==> flow/design.v <==
module my_mplex_stage (clk_i, RSTN, enable, din, addr, y);
   parameter WIDTH = 3;
   parameter LANES = 4;
   localparam SEL_W = $clog2(LANES);
   input clk_i;
   input RSTN;
   input enable;
   input [LANES*WIDTH-1:0] din;
   input [SEL_W-1:0] addr;
   output [WIDTH-1:0] y;
   reg [LANES*WIDTH-1:0] din_d1;
   reg [SEL_W-1:0] addr_d1;
   wire [WIDTH-1:0] words [0:LANES-1];
   genvar g;
   generate
      for (g = 0; g < LANES; g = g + 1) begin : lane
         assign words[g] = din_d1[g*WIDTH +: WIDTH];
      end
   endgenerate
   assign y = words[addr_d1];
   always @(posedge clk_i or negedge RSTN) begin
      if (~RSTN) begin
         din_d1 <= 0;
         addr_d1 <= 0;
      end else if (enable) begin
         din_d1 <= din;
         addr_d1 <= addr;
      end
   end
endmodule
## Tool chain data of my_mplex_stage

Tool output for the design above, in the order of the flow.
Lines are those of the file above, counted from 1.
Operators: Yosys type, input widths -> output width; for muxes data width and select width s.
Library cell names are shortened.
A cell with -- has no value.

- Top: my_mplex_stage
- Clock port: clk_i
- Library: sky130hd
- Timing corner: tt_025C_1v80

## Word-level counts

Source: Yosys, flattened and elaborated. Widths are those after wreduce; folded enables and synchronous resets count as part of the registers. Registers that Yosys merges into a memory's read port (data or address) are not register bits. Print and check cells do not count. Equal cells are merged and count once.

- Bits of input ports: 17
- Word width x clocked read ports: 0
- Memories: 0
- Bits in latches: 0
- Elaborated cells: 7
- Register bits after elaboration: 14
- Bits in writable memories: 0
- ROM bits: 0

- Add/sub/neg operators: 0
- Muxes and demuxes: 1
- Equality and inequality tests: 3
- Multiply operators: 0
- Div/mod/pow operators: 0
- Reduce/logical cells: 1
- Bitwise logic cells: 0
- Shift-type cells: 0
- $lt $le $gt $ge: 0

Operators by type and width:

| cell | number |
|---|---|
| $pmux 3 s4 | 1 |
| $eq 2x2->1 const B | 2 |
| $eq 2x1->1 const B | 1 |
| $logic_not 2->1 | 1 |

## Depth

Yosys ltp: most cells in a row. Word level: on the elaborated netlist, between registers, memories and ports. Mapped: between sequential cells and ports; inverters and the memories' decode and read muxes count.

- Word-level depth: 2
- ABC_AREA: 0
- Gate-level depth with buffers: 2

## Netlist

The flow's flattened synthesis, as Yosys stat reports it; memories are mapped. The netlist is that of the ABC_AREA named above (0 if unset); the other value can give another one.

- Cell area after synthesis: 0.0005943 mm^2
- Flip-flops: 14
- Sequential area: 0.0003503 mm^2
- Standard cells after synthesis: 32

Cell types:

| cell | number | area in all (um^2) |
|---|---|---|
| dfrtp_1 | 14 | 350.336 |
| mux2_2 | 14 | 157.651 |
| mux4_1 | 3 | 78.826 |
| buf_4 | 1 | 7.507 |

## Timing after synthesis

Source: OpenSTA report_checks on the synthesized netlist (no wires, ideal clock, input and output delay 20% of the period each), path of least setup slack; recovery checks are left aside. Register names are those of the netlist, which keeps one name where synthesis merged equal registers.

- Path kind: register -> output
- From: register addr_d1[0]
- To: output y[0]
- Setup slack: 0.245 ns
- Path delay: 0.995 ns
- Stages: 2
- Buffers on the path: 0
- Arrival time: 0.995 ns
- Clock period: 1.55 ns
- Synthesis period reached: 1.305 ns

"path delay" = arrival - input delay + setup time.
A path that ends at an output port has no setup time.
"stages": output pins that drive a net of the path, with the launching flip-flop's if there is one; two outputs of one cell count as two.
"synthesis period reached" = period - worst setup slack (recovery checks aside). The figure is calculated, with input and output delays left at 20% of the set period.
Between the ends stands the longest chain of elaborated cells between them, by number of cells; it is not shown to be the way that was timed. Of several equally long chains one is given.
A line is the first line of the expression or statement that the cell stems from. Yosys adds cells for indexed reads and writes and turns some case tables into memories.

- Cell sequence: dfrtp_1 > mux4_1
- Length of the longest elaborated chain: 2
- Elaborated cells between the ends (all ways): 5

RTL lines, path post-synthesis:

| element | RTL line | source |
|---|---|---|
| start, declared | 12 | `reg [SEL_W-1:0] addr_d1;` |
| start, assigned | 24 | `addr_d1 <= 0;` |
| start, assigned | 27 | `addr_d1 <= addr;` |
| $eq 2x2->1 | 20 | `assign y = words[addr_d1];` |
| $pmux 3 s4 | 20 |  |
| end, declared | 10 | `output [WIDTH-1:0] y;` |

## Path in the finished layout

Path of least setup slack in the final report of run A (OpenROAD, finished layout, wires in). Where an end is a register, its clock arrival counts in the times.

- Path kind: register -> output
- From: register addr_d1[0]
- To: output y[0]
- Clock period: 2.26 ns
- Buffers on the path: 1
- Setup slack: 0.08 ns
- Arrival time: 1.73 ns
- Stages: 3

Between the ends stands the longest chain of elaborated cells between them, by number of cells; it is not shown to be the way that was timed. Of several equally long chains one is given.

- Cell sequence: dfrtp_1 > mux4_1 > clkdlybuf4s50_1
- Length of the longest elaborated chain: 2
- Elaborated cells between the ends (all ways): 5

RTL lines, path post-layout:

| element | RTL line | source |
|---|---|---|
| start, declared | 12 | `reg [SEL_W-1:0] addr_d1;` |
| start, assigned | 24 | `addr_d1 <= 0;` |
| start, assigned | 27 | `addr_d1 <= addr;` |
| $eq 2x2->1 | 20 | `assign y = words[addr_d1];` |
| $pmux 3 s4 | 20 |  |
| end, declared | 10 | `output [WIDTH-1:0] y;` |

Wiki page: my_mplex_stage / flow data

Record of 3 stored runs of the RTL-to-layout flow on my_mplex_stage, platform sky130hd. The runs are unordered. Constraints: input delay and output delay 20% of the set period each, output load 0.01 pF.
"reached clock period" = clock period - worst setup slack. The figure is calculated, with input and output delays left at 20% of the set period.
"time of the worst setup path" = time allowed to the worst setup path (clock period - input delay - output delay, where it has them) - its slack; a late launch clock adds to it, a late capture clock takes from it.
"total power after layout" rests on the timing tool's default activity at the inputs, not on a simulated workload.

### Run A

Settings: `period_ns=2.26`, `CORE_UTILIZATION=26`, `PLACE_DENSITY=0.79`, `CELL_PAD_IN_SITES_GLOBAL_PLACEMENT=1`, `GPL_ROUTABILITY_DRIVEN=1`, `MAX_ROUTING_LAYER=met5`, `CAP_MARGIN=20`, `CORE_MARGIN=2`, `SLEW_MARGIN=20`

- Setup slack of the critical path: 0.079 ns
- Time of the worst setup path: 1.73 ns
- Worst setup path kind: register -> output
- Standard-cell area after routing: 0.0008546 mm^2
- Total power after layout: 0.5296 mW
- Reached clock period: 2.181 ns
- Chip area in the Yosys report: 0.0005943 mm^2
- Die footprint: 0.0026843 mm^2
- Utilization of the finished layout: 39.0 %

### Run B

Settings: `period_ns=1.23`, `CORE_UTILIZATION=20`, `PLACE_DENSITY_LB_ADDON=0.15`, `CORE_ASPECT_RATIO=1.84`, `CELL_PAD_IN_SITES_DETAIL_PLACEMENT=0`, `TNS_END_PERCENT=80`, `MAX_ROUTING_LAYER=met5`, `CAP_MARGIN=20`, `CORE_MARGIN=2`, `SLEW_MARGIN=20`

- Setup slack of the critical path: -0.372 ns
- Time of the worst setup path: 1.36 ns
- Worst setup path kind: register -> output
- Standard-cell area after routing: 0.0008859 mm^2
- Total power after layout: 1.126 mW
- Reached clock period: 1.602 ns
- Chip area in the Yosys report: 0.0005943 mm^2
- Die footprint: 0.003444 mm^2
- Utilization of the finished layout: 31.7 %

### Run C

Settings: `period_ns=1.55`, `CAP_MARGIN=20`, `CORE_MARGIN=2`, `CORE_UTILIZATION=40`, `SLEW_MARGIN=20`

- Setup slack of the critical path: -0.183 ns
- Time of the worst setup path: 1.42 ns
- Worst setup path kind: register -> output
- Standard-cell area after routing: 0.0008758 mm^2
- Total power after layout: 0.8632 mW
- Reached clock period: 1.733 ns
- Chip area in the Yosys report: 0.0005943 mm^2
- Die footprint: 0.0018101 mm^2
- Utilization of the finished layout: 64.9 %
